==> flow/design.v <==
module my_mplex_top #(
  parameter BITS = 48,
  parameter N_IN = 8,
  parameter SW = $clog2(N_IN)
) (
  input clk_i,
  input clr,
  input adv,
  input [N_IN*BITS-1:0] in_src,
  input [SW-1:0] in_select,
  output reg [BITS-1:0] out_data_out
);
  reg [N_IN*BITS-1:0] r_src;
  always @(posedge clk_i or posedge clr) begin
    if (clr) begin
      r_src <= 0;
    end else if (adv) begin
      r_src <= in_src;
    end
  end
  reg [SW-1:0] r_select;
  always @(posedge clk_i or posedge clr) begin
    if (clr) begin
      r_select <= 0;
    end else if (adv) begin
      r_select <= in_select;
    end
  end
  localparam HALF = N_IN / 2;
  reg [BITS-1:0] r_lo;
  always @(posedge clk_i or posedge clr) begin
    if (clr) begin
      r_lo <= 0;
    end else if (adv) begin
      r_lo <= r_src[r_select[SW-2:0]*BITS +: BITS];
    end
  end
  reg [BITS-1:0] r_hi;
  always @(posedge clk_i or posedge clr) begin
    if (clr) begin
      r_hi <= 0;
    end else if (adv) begin
      r_hi <= r_src[(HALF + r_select[SW-2:0])*BITS +: BITS];
    end
  end
  reg r_select_d;
  always @(posedge clk_i or posedge clr) begin
    if (clr) begin
      r_select_d <= 1'b0;
    end else if (adv) begin
      r_select_d <= r_select[SW-1];
    end
  end
  always @(posedge clk_i or posedge clr) begin
    if (clr) begin
      out_data_out <= 0;
    end else if (adv) begin
      out_data_out <= r_select_d ? r_hi : r_lo;
    end
  end
endmodule
Step by step through the tools: my_mplex_top --
Tool output for the design above, in the order of the flow. Lines are those of the file above, counted from 1. Operators carry their Yosys type and port widths (W data, S select, Z words). Cell names lack the library's common part. A cell with n/a has no value.
Set-up: top my_mplex_top, clock input clk_i, cell library sky130hd, corner tt_025C_1v80

Word-level counts --
Yosys after proc, flatten, opt, wreduce and memory -nomap, before mapping. Enables and synchronous resets that opt folds into registers are not counted as muxes. Memory bits, and registers merged into a memory's read port (data or address), are not among the register bits. Print and check cells are not counted. Equal cells are merged and count once.
Bit counts: flip-flop bits (word level) 532, word-level cells 12, bits of input ports 390
Operators by class: shift-type cells 2, multiplexer cells 1, $add $sub $neg 1, $mul 2
Operators with widths (count):
- $shiftx A384 B11 Y48 | 1
- $shiftx A384 B9 Y48 | 1
- $mux W48 | 1
- $mul A4 B2 Y6 const B | 1
- $mul A2 B2 Y4 const B | 1
- $add A3 B2 Y4 const A | 1

Logic depth --
Depth = most cells in a row (Yosys ltp): at word level without a register or memory, in the mapped netlist without a sequential cell, where the memories' decode and read muxes count.
Logic depth: word-level depth 3, ABC_AREA 0, gate-level depth with buffers 6, depth with buffers taken out 2

Synthesis result --
Source: synth_stat.txt of the flow (Yosys; design flattened, memories mapped). It holds for the ABC_AREA given above (unset counts as 0); a run with the other value may have another netlist.
Cells by type:
- dfrtp_1 | count 532, area in all 1.33E+04 um^2
- mux2_2 | count 288, area in all 3243.11 um^2
- mux2i_1 | count 240, area in all 2.4E+03 um^2
- mux2_4 | count 100, area in all 1501.44 um^2
- o221ai_1 | count 96, area in all 840.806 um^2
- nand2b_1 | count 97, area in all 606.832 um^2
- buf_4 | count 41, area in all 307.795 um^2
- a21oi_1 | count 48, area in all 240.23 um^2
- buf_2 | count 40, area in all 200.192 um^2
- nor2_1 | count 48, area in all 180.173 um^2
- buf_6 | count 14, area in all 157.651 um^2
- clkbuf_1 | count 19, area in all 71.318 um^2
- inv_1 | count 1, area in all 3.754 um^2
- nand2_1 | count 1, area in all 3.754 um^2
Synthesis totals: cell area after synthesis 23072.1 um^2, sequential area 13312.8 um^2, mapped cells 1565, buffers 114, flip-flops 532

Timing after synthesis --
Source: OpenSTA report_checks on the synthesized netlist (no wires, ideal clock, input and output delay 20% of the period each), path of least setup slack; recovery checks are left aside. Register names are those of the netlist, which keeps one name where synthesis merged equal registers.
Timing path after synthesis: path kind input-to-reg, start point in adv, end point reg r_src[113], arrival time 1.185 ns, time at the first pin 0.312 ns, delay of the path 0.998 ns, stages on the path 5, setup slack 0.250 ns, library setup time 0.125 ns, data required time 1.435 ns, clock period 1.56 ns, synthesis period reached 1.31 ns
"delay of the path" is the arrival time less input delay plus setup time. "stages on the path": output pins that drive a net of the path, with the launching flip-flop's if there is one; two outputs of one cell count as two. "synthesis period reached" is the clock period less the worst setup slack; recovery checks do not enter. This is arithmetic on one report: input and output delays are still those of the set period (20% each).
On the way, after synthesis: cell sequence buf_2 > buf_6 > buf_6 > buf_6 > mux2_4, length of the longest elaborated chain 0
Ends and longest elaborated chain, after synthesis:
- from (decl) | line 8 | input adv,
- to (assign) | line 16 | r_src <= 0;
- to (assign) | line 18 | r_src <= in_src;
- to (decl) | line 13 | reg [N_IN*BITS-1:0] r_src;

Worst path after layout --
Path of least setup slack in the final report of entry A (OpenROAD, finished layout, wires in). Where an end is a register, its clock arrival counts in the times.
Timing path after layout: path kind reg-to-output, start point reg out_data_out[3], end point out out_data_out[3], data required time 1.25 ns, arrival time 1.20 ns, external output delay 0.31 ns, stages on the path 2, setup slack 0.05 ns, clock period 1.56 ns, time at the first pin 0.60 ns
On the way, after layout: cell sequence dfrtp_2 > buf_2, length of the longest elaborated chain 0
Ends and longest elaborated chain, after layout:
- from (decl) | line 11 | output reg [BITS-1:0] out_data_out
- from (assign) | line 56 | out_data_out <= 0;
- from (assign) | line 58 | out_data_out <= r_select_d ? r_hi : r_lo;
- to (decl) | line 11

Subject: my_mplex_top on sky130hd, stored results

Hello all,

Design my_mplex_top on sky130hd. What follows are 3 stored runs of the flow, each under its own settings; their order means nothing. The constraints put input and output delay at 20% of the set period each and load the outputs with 0.01 pF.
"reached clock period" is the run's clock period less its worst setup slack. It is reckoned from that one timing run; input and output delays stay at 20% of the period that was set.
"worst setup path time": the worst setup path's part of the clock period (all of it between registers, 20% less for each end at a port) less its slack. A launch clock that arrives late makes it longer, a capture clock that arrives late makes it shorter.
By "total power after layout" is meant OpenSTA's value without simulated activity: inputs other than the clock are taken to toggle once in ten clock periods, and the tool carries that through the logic.

* Entry A | settings: period_ns 1.56; CAP_MARGIN 20; CORE_MARGIN 2; CORE_UTILIZATION 40; SLEW_MARGIN 20 | results: setup slack of the critical path 0.048 ns; netlist area reported by Yosys 23072.1 um^2; area of the standard cells in the finished layout 30785.8 um^2; worst setup path time 1.20 ns; critical path type reg-to-output; total power after layout 36.840 mW; reached clock period 1.512 ns; overall die area 59616.5 um^2
* Entry B | settings: period_ns 1.27; CORE_UTILIZATION 33; SETUP_SLACK_MARGIN 0.19; PLACE_DENSITY 0.51; CORE_ASPECT_RATIO 0.54; GPL_TIMING_DRIVEN 1; GPL_ROUTABILITY_DRIVEN 0; CAP_MARGIN 25; SLEW_MARGIN 15; MIN_ROUTING_LAYER met2; MAX_ROUTING_LAYER met5; CORE_MARGIN 2 | results: setup slack of the critical path -0.248 ns; netlist area reported by Yosys 23072.1 um^2; area of the standard cells in the finished layout 32946.6 um^2; worst setup path time 1.52 ns; critical path type reg-to-reg; total power after layout 47.134 mW; reached clock period 1.518 ns; overall die area 72148.3 um^2
* Entry C | settings: period_ns 1.01; CORE_UTILIZATION 27; SETUP_SLACK_MARGIN 0.3; PLACE_DENSITY 0.61; CORE_ASPECT_RATIO 1.07; CORE_MARGIN 4; CELL_PAD_IN_SITES_GLOBAL_PLACEMENT 2; TNS_END_PERCENT 45; ABC_AREA 0; GPL_ROUTABILITY_DRIVEN 0; CTS_CLUSTER_DIAMETER 190; CAP_MARGIN 5; SLEW_MARGIN 15; MIN_ROUTING_LAYER met2 | results: setup slack of the critical path -0.459 ns; netlist area reported by Yosys 23072.1 um^2; area of the standard cells in the finished layout 32917.8 um^2; worst setup path time 1.47 ns; critical path type reg-to-reg; total power after layout 60.133 mW; reached clock period 1.469 ns; overall die area 90196.4 um^2

Thanks
